==> flow/design.v <==
module u_data_mux_top #(
    parameter W = 32,
    parameter LANES = 7,
    parameter LG = $clog2(LANES)
) (
    input  wire sys_clk,
    input  wire [LANES*W-1:0] in,
    input  wire [LG-1:0] s,
    output reg [W-1:0] res
);
    reg [LANES*W-1:0] in_s;
    reg [LG-1:0] s_s;
    wire [LANES-1:0] hot;
    assign hot = {{(LANES-1){1'b0}}, 1'b1} << s_s;
    reg [LANES-1:0] hot_s;
    reg [LANES*W-1:0] in_s_d;
    reg [W-1:0] nxt;
    integer i;
    always @* begin
        nxt = 0;
        for (i = 0; i < LANES; i = i + 1)
            nxt = nxt | (in_s_d[i*W +: W] & {W{hot_s[i]}});
    end
    always @(posedge sys_clk) begin
        in_s <= in;
        s_s <= s;
        hot_s <= hot;
        in_s_d <= in_s;
        res <= nxt;
    end
endmodule
-- Tool chain data of u_data_mux_top
The steps from the RTL of u_data_mux_top to its reports follow in flow order.
Lines are those of the file above, counted from 1.
Operators: Yosys type, input widths -> output width; for muxes data width and select width s.
Library cell names are shortened.
A cell with -- has no value.
- top: u_data_mux_top
- clock port: sys_clk
- standard-cell library: sky130hd
- timing corner: tt_025C_1v80

-- Word level
Source: Yosys, flattened and elaborated, memories not mapped. Widths are those after wreduce; folded enables and synchronous resets count as part of the registers. Registers that Yosys merges into a memory's read port (data or address) are not register bits. Print and check cells do not count. Equal cells are merged and count once.
- input bits at 228
- cells after elaboration at 19
- noted flip-flop bits (word level): 490
- output and inout bits at 32
- noted bitwise operators: 13
- shift operators: 1
- operator list (cell ; count):
    $and 32x32->32 ; 7
    $or 32x32->32 ; 6
    $shl 1x3->7 const A ; 1

-- Longest topological paths
Yosys ltp: most cells in a row. Word level: on the elaborated netlist, between registers, memories and ports. Mapped: between sequential cells and ports; inverters and the memories' decode and read muxes count.
- noted word-level depth: 7
- ABC_AREA at 0
- gate-level depth with buffers: 3
- noted mapped depth without buffers: 2

-- Netlist
Yosys stat after the flow's synthesis: flattened, memories mapped to cells. It holds for the ABC_AREA given above (unset counts as 0); a run with the other value may have another netlist.
- cells by type (type ; count ; area in all (um^2)):
    dfxtp_1 ; 490 ; 9.81E+03
    a22oi_1 ; 64 ; 480.461
    a222oi_1 ; 32 ; 320.307
    nand3_1 ; 32 ; 160.154
    buf_2 ; 18 ; 90.086
    buf_6 ; 3 ; 33.782
    nor3b_1 ; 3 ; 22.522
    and3b_1 ; 2 ; 17.517
    nor3_1 ; 1 ; 5.005
    nand2_1 ; 1 ; 3.754
    nor2_1 ; 1 ; 3.754
- buffers at 21
- mapped flip-flops: 490
- sequential part of the area: 9809.4 um^2
- noted cells in the netlist: 647
- noted mapped area: 10946.7 um^2

-- Timing after synthesis
OpenSTA on the mapped netlist: ideal clock, no wires. The path of least setup slack (recovery checks aside). Input and output delay are each 20% of the period. Register names are those of the netlist, which keeps one name where synthesis merged equal registers.
- path type: flip-flop to flip-flop
- start point: register hot_s[4]
- end point: register res[30]
- stages: 4
- arrival time: 0.849 ns
- noted launch time at the first pin: 0.000 ns
- path buffers at 1
- required time at 1.096 ns
- library setup time at 0.134 ns
- clock period: 1.23 ns
- noted slack: 0.246 ns
- path delay at 0.983 ns
- synthesis period reached at 0.984 ns
"path delay" = arrival - input delay + setup time.
"stages": output pins that drive a net of the path, with the launching flip-flop's if there is one; two outputs of one cell count as two.
"synthesis period reached" = period - worst setup slack (recovery checks aside). The figure is calculated, with input and output delays left at 20% of the set period.
Between the ends stands the longest chain of elaborated cells between them, by number of cells; it is not shown to be the way that was timed. Of several equally long chains one is given.
Each line given opens the expression or statement behind the cell; cells for indexed reads and writes are added by Yosys, which also makes memories of some case tables.
- path through: dfxtp_1 buf_6 a222oi_1 nand3_1
- length of the longest elaborated chain at 4
- noted elaborated cells on any way between the ends: 4
- RTL lines with such cells: 1
- classes of those cells: logic (4)
- ends and longest elaborated chain, post-synthesis (element ; RTL line ; RTL):
    start, declared ; 15 ; reg [LANES-1:0] hot_s;
    start, assigned ; 27 ; hot_s <= hot;
    $and 32x32->32 ; 22 ; nxt = nxt | (in_s_d[i*W +: W] & {W{hot_s[i]}});
    $or 32x32->32 (3 in a row) ; 22 ;
    end, assigned ; 29 ; res <= nxt;
    end, declared ; 9 ; output reg [W-1:0] res

-- Path in the finished layout
Path of least setup slack in the final report of run C (OpenROAD, finished layout, wires in). Where an end is a register, its clock arrival counts in the times.
- path type: flip-flop to flip-flop
- start point: register hot_s[4]
- end point: register res[13]
- stages: 5
- noted slack: 0.00 ns
- path buffers at 2
- clock period: 1.23 ns
- library setup time at 0.13 ns
- noted launch time at the first pin: 0.52 ns
- required time at 1.63 ns
- arrival time: 1.63 ns
Between the ends stands the longest chain of elaborated cells between them, by number of cells; it is not shown to be the way that was timed. Of several equally long chains one is given.
- path through: dfxtp_4 buf_4 clkbuf_16 a222oi_1 nand3_1
- length of the longest elaborated chain at 4
- noted elaborated cells on any way between the ends: 4
- RTL lines with such cells: 1
- classes of those cells: logic (4)
- ends and longest elaborated chain, after layout (element ; RTL line ; RTL):
    start, declared ; 15 ; reg [LANES-1:0] hot_s;
    start, assigned ; 27 ; hot_s <= hot;
    $and 32x32->32 ; 22 ; nxt = nxt | (in_s_d[i*W +: W] & {W{hot_s[i]}});
    $or 32x32->32 (3 in a row) ; 22 ;
    end, assigned ; 29 ; res <= nxt;
    end, declared ; 9 ; output reg [W-1:0] res

Below are 3 stored runs of the flow (Yosys, OpenROAD; platform sky130hd) on u_data_mux_top, each with its settings and what was measured, unordered. Constraints: input delay and output delay 20% of the set period each, output load 0.01 pF.
"period reached" = clock period - worst setup slack. The figure is calculated, with input and output delays left at 20% of the set period.
"time of the worst setup path" is the time allowed to the run's worst setup path (the clock period less input and output delay, where it has them) less its slack. Clock arrival times count: a late capture clock shortens it, a late launch clock lengthens it.
"total power after layout" rests on the timing tool's default activity at the inputs, not on a simulated workload.

Run A

==> flow/run.sh <==
#!/bin/bash
# the make line also repeats the synthesis and layout settings of config.mk as NAME=value (left out here)
make -C /OpenROAD-flow-scripts/flow DESIGN_CONFIG=/design/flow/config.mk WORK_HOME=/design/flow/orfs CLKGATE_MAP_FILE= finish
==> flow/config.mk <==
export PLATFORM = sky130hd
export DESIGN_NAME = u_data_mux_top
export DESIGN_NICKNAME = u_data_mux_top
export VERILOG_FILES = /design/flow/design.v
export SDC_FILE = /design/flow/constraint.sdc
export NUM_CORES = 4
export LEC_CHECK = 0
export CAP_MARGIN = 35
export CELL_PAD_IN_SITES_DETAIL_PLACEMENT = 1
export CORE_MARGIN = 2
export CORE_UTILIZATION = 64
export CTS_CLUSTER_SIZE = 42
export GPL_ROUTABILITY_DRIVEN = 1
export GPL_TIMING_DRIVEN = 0
export MIN_ROUTING_LAYER = met1
export PLACE_DENSITY_LB_ADDON = 0.29
export SETUP_SLACK_MARGIN = -0.12
export SLEW_MARGIN = 20
export TNS_END_PERCENT = 50
==> flow/constraint.sdc <==
create_clock -name core_clock -period 1.29 [get_ports {sys_clk}]
set_input_delay 0.2580 -clock core_clock [delete_from_list [all_inputs] [get_ports {sys_clk}]]
set_output_delay 0.2580 -clock core_clock [all_outputs]
set_load 0.01 [all_outputs]

Run A: no final report: placement broke off with DPL-0033.

Run B

==> flow/run.sh <==
#!/bin/bash
# the make line also repeats the synthesis and layout settings of config.mk as NAME=value (left out here)
make -C /OpenROAD-flow-scripts/flow DESIGN_CONFIG=/design/flow/config.mk WORK_HOME=/design/flow/orfs CLKGATE_MAP_FILE= finish
==> flow/config.mk <==
export PLATFORM = sky130hd
export DESIGN_NAME = u_data_mux_top
export DESIGN_NICKNAME = u_data_mux_top
export VERILOG_FILES = /design/flow/design.v
export SDC_FILE = /design/flow/constraint.sdc
export NUM_CORES = 4
export LEC_CHECK = 0
export ABC_AREA = 0
export CAP_MARGIN = 20
export CORE_MARGIN = 2
export CORE_UTILIZATION = 68
export CTS_CLUSTER_DIAMETER = 326
export GPL_TIMING_DRIVEN = 0
export PLACE_DENSITY = 0.47
export SETUP_SLACK_MARGIN = 0.21
export SLEW_MARGIN = 20
export TNS_END_PERCENT = 50
==> flow/constraint.sdc <==
create_clock -name core_clock -period 0.781 [get_ports {sys_clk}]
set_input_delay 0.1562 -clock core_clock [delete_from_list [all_inputs] [get_ports {sys_clk}]]
set_output_delay 0.1562 -clock core_clock [all_outputs]
set_load 0.01 [all_outputs]

Run B: no final report: clock tree synthesis broke off with DPL-0033.

Run C

==> flow/run.sh <==
#!/bin/bash
# the make line also repeats the synthesis and layout settings of config.mk as NAME=value (left out here)
make -C /OpenROAD-flow-scripts/flow DESIGN_CONFIG=/design/flow/config.mk WORK_HOME=/design/flow/orfs CLKGATE_MAP_FILE= finish
==> flow/config.mk <==
export PLATFORM = sky130hd
export DESIGN_NAME = u_data_mux_top
export DESIGN_NICKNAME = u_data_mux_top
export VERILOG_FILES = /design/flow/design.v
export SDC_FILE = /design/flow/constraint.sdc
export NUM_CORES = 4
export LEC_CHECK = 0
export CAP_MARGIN = 20
export CORE_MARGIN = 2
export CORE_UTILIZATION = 40
export SLEW_MARGIN = 20
==> flow/constraint.sdc <==
create_clock -name core_clock -period 1.23 [get_ports {sys_clk}]
set_input_delay 0.2460 -clock core_clock [delete_from_list [all_inputs] [get_ports {sys_clk}]]
set_output_delay 0.2460 -clock core_clock [all_outputs]
set_load 0.01 [all_outputs]

Measured in run C:
- time of the worst setup path: 1.23 ns
- kind of the worst setup path: flip-flop to flip-flop
- noted the standard-cell area after layout: 15657.5 um^2
- period reached: 1.234 ns
- smallest setup slack: -0.004 ns
- post-layout utilization: 0.583
- total power after layout at 32248 µW
- full die area at 28706.5 um^2
- noted the setup TNS: -0.004 ns
- noted the area of the synthesized netlist: 10946.7 um^2
